==> flow/design.v <==
module my_times_v2 #(
  parameter WD = 36,
  parameter COEF = 25,
  parameter RES_W = WD + $clog2(COEF + 1)
) (
  input  logic clk,
  input  logic clk_en,
  input  logic [WD-1:0] in_x,
  output logic [RES_W-1:0] out_out
);
  always_ff @(posedge clk) begin
    if (clk_en) begin
      out_out <= in_x * COEF;
    end
  end
endmodule
# From RTL to reports: my_times_v2
# What the tools print for my_times_v2, step after step.
# Line numbers count from 1 in the design file above.
# The mark -- stands for no value.
[design] top_module="my_times_v2" clock="clk" library="sky130hd" lib_corner="tt_025C_1v80"

# After elaboration
# Source: Yosys, flattened and elaborated, memories not mapped. Widths are those after wreduce; folded enables and synchronous resets count as part of the registers. Registers that Yosys merges into a memory's read port (data or address) are not register bits. Print and check cells do not count. Equal cells are merged and count once.
[op_classes] multipliers=1
[op_table] operator="multiplier 36 x 5 -> 41 bit (second input constant)" n=1
[bits] register_bits=41 in_bits=38

# Longest topological paths
# Longest topological path by Yosys (ltp), each cell counted once; first at word level (registers and memories cut), then after technology mapping (sequential cells cut; the memories' decode and read muxes count).
[depth] word_depth=1 abc_area=1 mapped_depth=18 ltp_nobuf=18

# After synthesis
# Source: synth_stat.txt of the flow (Yosys; design flattened, memories mapped). It holds for the ABC_AREA given above (unset counts as 0); a run with the other value may have another netlist.
# Totals and module areas in this step are rounded.
[synth_totals] cells=805 mapped_area_um2=5900 seq_area_um2=1230 ff_cells=41
[by_type] cell_type="sky130_fd_sc_hd__ha_1" n=112 area_total_um2=1.4E+03
[by_type] cell_type="sky130_fd_sc_hd__edfxtp_1" n=41 area_total_um2=1.23E+03
[by_type] cell_type="sky130_fd_sc_hd__inv_1" n=234 area_total_um2=878.342
[by_type] cell_type="sky130_fd_sc_hd__nand2_1" n=206 area_total_um2=773.242
[by_type] cell_type="sky130_fd_sc_hd__fa_1" n=31 area_total_um2=620.595
[by_type] cell_type="sky130_fd_sc_hd__nor2_1" n=47 area_total_um2=176.419
[by_type] cell_type="sky130_fd_sc_hd__a21oi_1" n=34 area_total_um2=170.163
[by_type] cell_type="sky130_fd_sc_hd__xor2_1" n=18 area_total_um2=157.651
[by_type] cell_type="sky130_fd_sc_hd__nand3_1" n=25 area_total_um2=125.12
[by_type] cell_type="sky130_fd_sc_hd__o21ai_0" n=14 area_total_um2=70.067
[by_type] cell_type="sky130_fd_sc_hd__nand3_2" n=6 area_total_um2=60.058
[by_type] cell_type="sky130_fd_sc_hd__nand2_2" n=7 area_total_um2=43.792
[by_type] cell_type="sky130_fd_sc_hd__nor3_1" n=8 area_total_um2=40.038
[by_type] cell_type="sky130_fd_sc_hd__o21bai_1" n=5 area_total_um2=37.536
[by_type] cell_type="sky130_fd_sc_hd__nor2_2" n=4 area_total_um2=25.024
[by_type] cell_type="sky130_fd_sc_hd__and2_1" n=3 area_total_um2=18.768
[by_type] cell_type="sky130_fd_sc_hd__xnor2_1" n=2 area_total_um2=17.517
[by_type] cell_type="sky130_fd_sc_hd__a31oi_1" n=2 area_total_um2=12.512
# Not listed: further types 5, cells in them 6.

# Path before layout
# Path of least setup slack by OpenSTA after synthesis, without wires, with an ideal clock, recovery checks aside; 20% of the period is set as input and as output delay. Where synthesis merged equal registers, the netlist keeps one of their names.
[synth_path] path_kind="in2reg" from="input in_x[8]" to="register out_out[37]" clock_period_ns=5.0 in_delay_ns=1.000 setup_ns=0.252 t_first_pin_ns=1.000 arrival_ns=3.264 required_time_ns=4.748 slack_ns=1.484 delay_ns=2.516 stages=16 path_buffers=0 period_less_setup_slack_ns=3.516
# "delay_ns" = arrival - input delay + setup time.
# "stages": output pins that drive a net of the path, with the launching flip-flop's if there is one; two outputs of one cell count as two.
# "period_less_setup_slack_ns" = period - worst setup slack (recovery checks aside). The figure is calculated, with input and output delays left at 20% of the set period.
# The rows between start and end are the longest chain of elaborated cells between them; the timing report does not say that the signal goes this way. Where chains are equally long, one stands for them.
# Each line given opens the expression or statement behind the cell; cells for indexed reads and writes are added by Yosys, which also makes memories of some case tables.
[synth_between] path_cell_list="sky130_fd_sc_hd__ha_1 sky130_fd_sc_hd__ha_1 sky130_fd_sc_hd__inv_1 sky130_fd_sc_hd__fa_1 sky130_fd_sc_hd__inv_1 sky130_fd_sc_hd__ha_1 sky130_fd_sc_hd__nand2_2 sky130_fd_sc_hd__inv_1 sky130_fd_sc_hd__a21oi_1 sky130_fd_sc_hd__nand3_1 sky130_fd_sc_hd__nand2_1 sky130_fd_sc_hd__nand2_2 sky130_fd_sc_hd__nand2_1 sky130_fd_sc_hd__nand2_1 sky130_fd_sc_hd__nand2_1 sky130_fd_sc_hd__nand2_1" elab_chain_cells=1
[synth_rtl] item="from (decl)" line=8 rtl="input  logic [WD-1:0] in_x,"
[synth_rtl] item="multiplier 36 x 5 -> 41 bit" line=13 rtl="out_out <= in_x * COEF;"
[synth_rtl] item="to (assign)" line=13
[synth_rtl] item="to (decl)" line=9 rtl="output logic [RES_W-1:0] out_out"

# Timing after layout
# From the final timing report of entry A: the path of least setup slack in the routed layout; clock arrival at registers is part of the times.
[layout_path] path_kind="in2reg" from="input in_x[9]" to="register out_out[37]" clock_period_ns=5.28 in_delay_ns=1.06 setup_ns=0.24 t_first_pin_ns=1.06 arrival_ns=4.18 required_time_ns=5.33 slack_ns=1.15 stages=17 path_buffers=1
# The rows between start and end are the longest chain of elaborated cells between them; the timing report does not say that the signal goes this way. Where chains are equally long, one stands for them.
[layout_between] path_cell_list="sky130_fd_sc_hd__clkdlybuf4s50_1 sky130_fd_sc_hd__ha_1 sky130_fd_sc_hd__ha_1 sky130_fd_sc_hd__inv_1 sky130_fd_sc_hd__fa_1 sky130_fd_sc_hd__inv_1 sky130_fd_sc_hd__ha_1 sky130_fd_sc_hd__nand2_2 sky130_fd_sc_hd__inv_1 sky130_fd_sc_hd__a21oi_1 sky130_fd_sc_hd__nand3_1 sky130_fd_sc_hd__nand2_1 sky130_fd_sc_hd__nand2_2 sky130_fd_sc_hd__nand2_1 sky130_fd_sc_hd__nand2_1 sky130_fd_sc_hd__nand2_1 sky130_fd_sc_hd__nand2_1" elab_chain_cells=1
[layout_rtl] item="from (decl)" line=8 rtl="input  logic [WD-1:0] in_x,"
[layout_rtl] item="multiplier 36 x 5 -> 41 bit" line=13 rtl="out_out <= in_x * COEF;"
[layout_rtl] item="to (assign)" line=13
[layout_rtl] item="to (decl)" line=9 rtl="output logic [RES_W-1:0] out_out"

# Flow measurements of my_times_v2 on sky130hd: 3 stored runs with different settings, listed in no order. Input and output delays are each 20% of the period that was set; the output load is 0.01 pF.
# "period_reached_ns" is the run's clock period less its worst setup slack. It is reckoned from that one timing run; input and output delays stay at 20% of the period that was set.
# "worstPathTime_ns": the worst setup path's part of the clock period (all of it between registers, 20% less for each end at a port) less its slack. A launch clock that arrives late makes it longer, a capture clock that arrives late makes it shorter.
# "fin_power_uw" is the tool's figure for a default switching activity; nothing was simulated.
# Values from the reports are rounded here.
run="entry A" settings period_ns=5.28 CORE_UTILIZATION=29 SETUP_SLACK_MARGIN=0.02 PLACE_DENSITY_LB_ADDON=0.3 CORE_ASPECT_RATIO=1.46 ABC_AREA=1 CAP_MARGIN=15 CORE_MARGIN=2 SLEW_MARGIN=20
run="entry A" results hold_worst_slack_ns=1.41 total_negative_slack_ns=0.000 period_reached_ns=4.131 ys_area_um2=5900 die_um2=21500 post_route_stdcell_area_um2=7150 worstPathTime_ns=3.07 critical_path_type="in2reg" fin_power_uw=2380 fin_ws_ns=1.15 fin_util_pct=35.4
run="entry B" settings period_ns=5.0 CAP_MARGIN=20 CORE_MARGIN=2 CORE_UTILIZATION=40 SLEW_MARGIN=20
run="entry B" results hold_worst_slack_ns=1.35 total_negative_slack_ns=0.000 period_reached_ns=4.725 ys_area_um2=5280 die_um2=14100 post_route_stdcell_area_um2=6520 worstPathTime_ns=3.72 critical_path_type="in2reg" fin_power_uw=2440 fin_ws_ns=0.275 fin_util_pct=51.1
run="entry C" settings period_ns=2.84 CORE_UTILIZATION=61 SETUP_SLACK_MARGIN=0.49 PLACE_DENSITY_LB_ADDON=0.24 HOLD_SLACK_MARGIN=-0.1 CORE_ASPECT_RATIO=1.52 GPL_ROUTABILITY_DRIVEN=0 CTS_CLUSTER_DIAMETER=48 MAX_ROUTING_LAYER="met5" CAP_MARGIN=20 CORE_MARGIN=2 SLEW_MARGIN=20
run="entry C" outcome="not finished: clock tree synthesis ended with error DPL-0038"
